==> flow/design.v <==
module addsub #(
   parameter W = 40
) (
   input  wire aclk,
   input  wire i_rst_n,
   input  wire [W-1:0] A,
   input  wire op,
   input  wire start,
   output wire [W-1:0] dout
);
   reg [W-1:0] A_reg;
   reg op_reg;
   reg start_reg;
   reg [W-1:0] cnt;
   always @(posedge aclk or negedge i_rst_n) begin
      if (~i_rst_n) begin
         A_reg <= 0;
         op_reg <= 1'b0;
         start_reg <= 1'b0;
         cnt <= 0;
      end else begin
         A_reg <= A;
         op_reg <= op;
         start_reg <= start;
         cnt <= start_reg ? A_reg : op_reg ? cnt - A_reg : cnt + A_reg;
      end
   end
   assign dout = cnt;
endmodule
Reports on addsub
What the tools print for addsub, step after step.
Line numbers count from 1 in the design file above.
Library cell names are shortened.
A cell with n/a has no value.

design
  top = addsub
  clock port = aclk
  cell library = sky130hd
  timing corner = tt_025C_1v80

Word level
Counts by Yosys on the flattened word-level netlist (proc, flatten, opt, wreduce; memories kept). Register bits leave out memories and registers merged into their read ports (data or address); mux counts leave out enables and synchronous resets folded into registers. Print and check cells are left out. Cells with the same type and inputs are merged into one.

bit counts
  cells after elaboration = 8
  flip-flop bits (word level) = 82
  output and inout bits = 40
  input bits = 44

cells by class
  add/subtract/negate cells = 2
  muxes and demuxes = 2

operators by type and width
  kind                count
  40-bit two-way mux  2
  40-bit adder        1
  40-bit subtractor   1

Logic depth
Longest topological path by Yosys (ltp), each cell counted once; first at word level (registers and memories cut), then after technology mapping (sequential cells cut; the memories' decode and read muxes count).

logic depth
  word-level depth = 3
  ABC_AREA = 0
  depth in mapped cells = 19
  gate-level depth less buffers = 18

Netlist
The flow's flattened synthesis, as Yosys stat reports it; memories are mapped. The netlist is that of the ABC_AREA named above (0 if unset); the other value can give another one.

mapped netlist
  standard cells after synthesis = 653
  chip area (Yosys) = 5,670.4 um2
  flip-flops = 82
  buffers = 30

cell types
  cell      count
  dfrtp_1   82
  ha_1      40
  xnor2_1   55
  a21oi_1   60
  nand2_1   68
  o21ai_0   48
  nor2_1    52
  a21o_1    23
  xor2_1    15
  clkbuf_1  25
  nor3_1    18
  inv_1     23
  nand4_1   13
  nand2b_1  9
  a211oi_1  7
  nand3_1   9
  or4_1     6
  a31oi_1   6

Other cell types: 46; their cells: 94.

Path before layout
Source: OpenSTA report_checks on the synthesized netlist (no wires, ideal clock, input and output delay 20% of the period each), path of least setup slack; recovery checks are left aside. Register names are those of the netlist, which keeps one name where synthesis merged equal registers.

timing path after synthesis
  path kind = reg-to-reg
  from = reg A_reg[14]
  to = reg cnt[39]
  stages = 18
  setup slack = 0.976 ns
  data required time = 4.800 ns
  time at the first pin = 0.000 ns
  buffers on the path = 2
  library setup time = 0.080 ns
  path delay = 3.904 ns
  period = 4.88 ns
  arrival = 3.824 ns
  synthesis period reached = 3.904 ns

"path delay" is the arrival time less input delay plus setup time.
"stages" counts driving pins, that of a launching flip-flop among them; a cell with two outputs on the path counts twice.
"synthesis period reached" = period - worst setup slack (recovery checks aside). The figure is calculated, with input and output delays left at 20% of the set period.
Between the ends stands the longest chain of elaborated cells between them, by number of cells; it is not shown to be the way that was timed. Of several equally long chains one is given.
A line is the first line of the expression or statement that the cell stems from. Yosys adds cells for indexed reads and writes and turns some case tables into memories.

on the way, after synthesis
  path through = dfrtp_1 > or3_4 > or4_4 > and4bb_1 > buf_6 > nor2b_1 > nor2_1 > xnor2_1 > ha_1 > clkbuf_1 > and4_1 > and2_1 > o21ai_1 > o21ai_0 > or3_1 > o21ba_2 > a211oi_2 > xnor2_1
  cells in the longest elaborated chain = 3

ends and longest elaborated chain, after synthesis
  what                   line  text
  from (decl)            11    reg [W-1:0] A_reg;
  from (assign)          17    A_reg <= 0;
  from (assign)          22    A_reg <= A;
  40-bit adder           25    cnt <= start_reg ? A_reg : op_reg ? cnt - A_reg : cnt + A_reg;
  40-bit two-way mux x2  25
  to (assign)            20    cnt <= 0;
  to (assign)            25
  to (decl)              14    reg [W-1:0] cnt;

Worst path after layout
Path of least setup slack in the final report of flow run A (OpenROAD, finished layout, wires in). Where an end is a register, its clock arrival counts in the times.

timing path after layout
  path kind = reg-to-reg
  from = reg A_reg[8]
  to = reg cnt[38]
  period = 6.97 ns
  setup slack = 1.78 ns
  time at the first pin = 0.36 ns
  arrival = 5.47 ns
  stages = 17
  library setup time = 0.10 ns
  data required time = 7.25 ns
  buffers on the path = 0

Between the ends stands the longest chain of elaborated cells between them, by number of cells; it is not shown to be the way that was timed. Of several equally long chains one is given.

on the way, after layout
  path through = dfrtp_1 > or3_1 > nor3_1 > nand2_1 > nor3_1 > and2_1 > a21oi_1 > xnor2_1 > ha_1 > nand2_1 > o21ai_1 > nor2_1 > and2_1 > a21o_1 > o31ai_1 > nor2_1 > o311ai_1
  cells in the longest elaborated chain = 3

ends and longest elaborated chain, after layout
  what                   line  text
  from (decl)            11    reg [W-1:0] A_reg;
  from (assign)          17    A_reg <= 0;
  from (assign)          22    A_reg <= A;
  40-bit adder           25    cnt <= start_reg ? A_reg : op_reg ? cnt - A_reg : cnt + A_reg;
  40-bit two-way mux x2  25
  to (assign)            20    cnt <= 0;
  to (assign)            25
  to (decl)              14    reg [W-1:0] cnt;

Below are 3 stored runs of the flow (Yosys, OpenROAD; platform sky130hd) on addsub, each with its settings and what was measured, unordered. Constraints: input delay and output delay 20% of the set period each, output load 0.01 pF.
"reached clock period" = clock period - worst setup slack. The figure is calculated, with input and output delays left at 20% of the set period.
"time on the worst setup path" = time allowed to the worst setup path (clock period - input delay - output delay, where it has them) - its slack; a late launch clock adds to it, a late capture clock takes from it.
"overall power" rests on the timing tool's default activity at the inputs, not on a simulated workload.
A setting shown as . is not set for that run.

setting or result                       flow run A  flow run B  flow run C
period_ns                               6.97        4.88        3.55
CORE_UTILIZATION                        20          40          50
PLACE_DENSITY                           0.59        .           .
CORE_ASPECT_RATIO                       0.54        .           0.91
CELL_PAD_IN_SITES_GLOBAL_PLACEMENT      2           .           1
ABC_AREA                                0           .           .
CTS_CLUSTER_SIZE                        95          .           86
CAP_MARGIN                              20          20          20
CORE_MARGIN                             2           2           2
SLEW_MARGIN                             20          20          20
GPL_TIMING_DRIVEN                       .           .           1
GPL_ROUTABILITY_DRIVEN                  .           .           1
MIN_ROUTING_LAYER                       .           .           met1
Yosys chip area after synthesis (um2)   5,670.4     5,670.4     5,670.4
total die area (um2)                    29,779.5    15,145.0    12,209.9
standard-cell area after routing (um2)  7,153.1     6,993.0     8,873.5
smallest setup slack (ns)               1.778       0.374       -0.432
overall power (mW)                      2.957       4.169       7.547
reached clock period (ns)               5.192       4.506       3.982
time on the worst setup path (ns)       5.19        4.51        3.98
worst path kind                         reg-to-reg  reg-to-reg  reg-to-reg
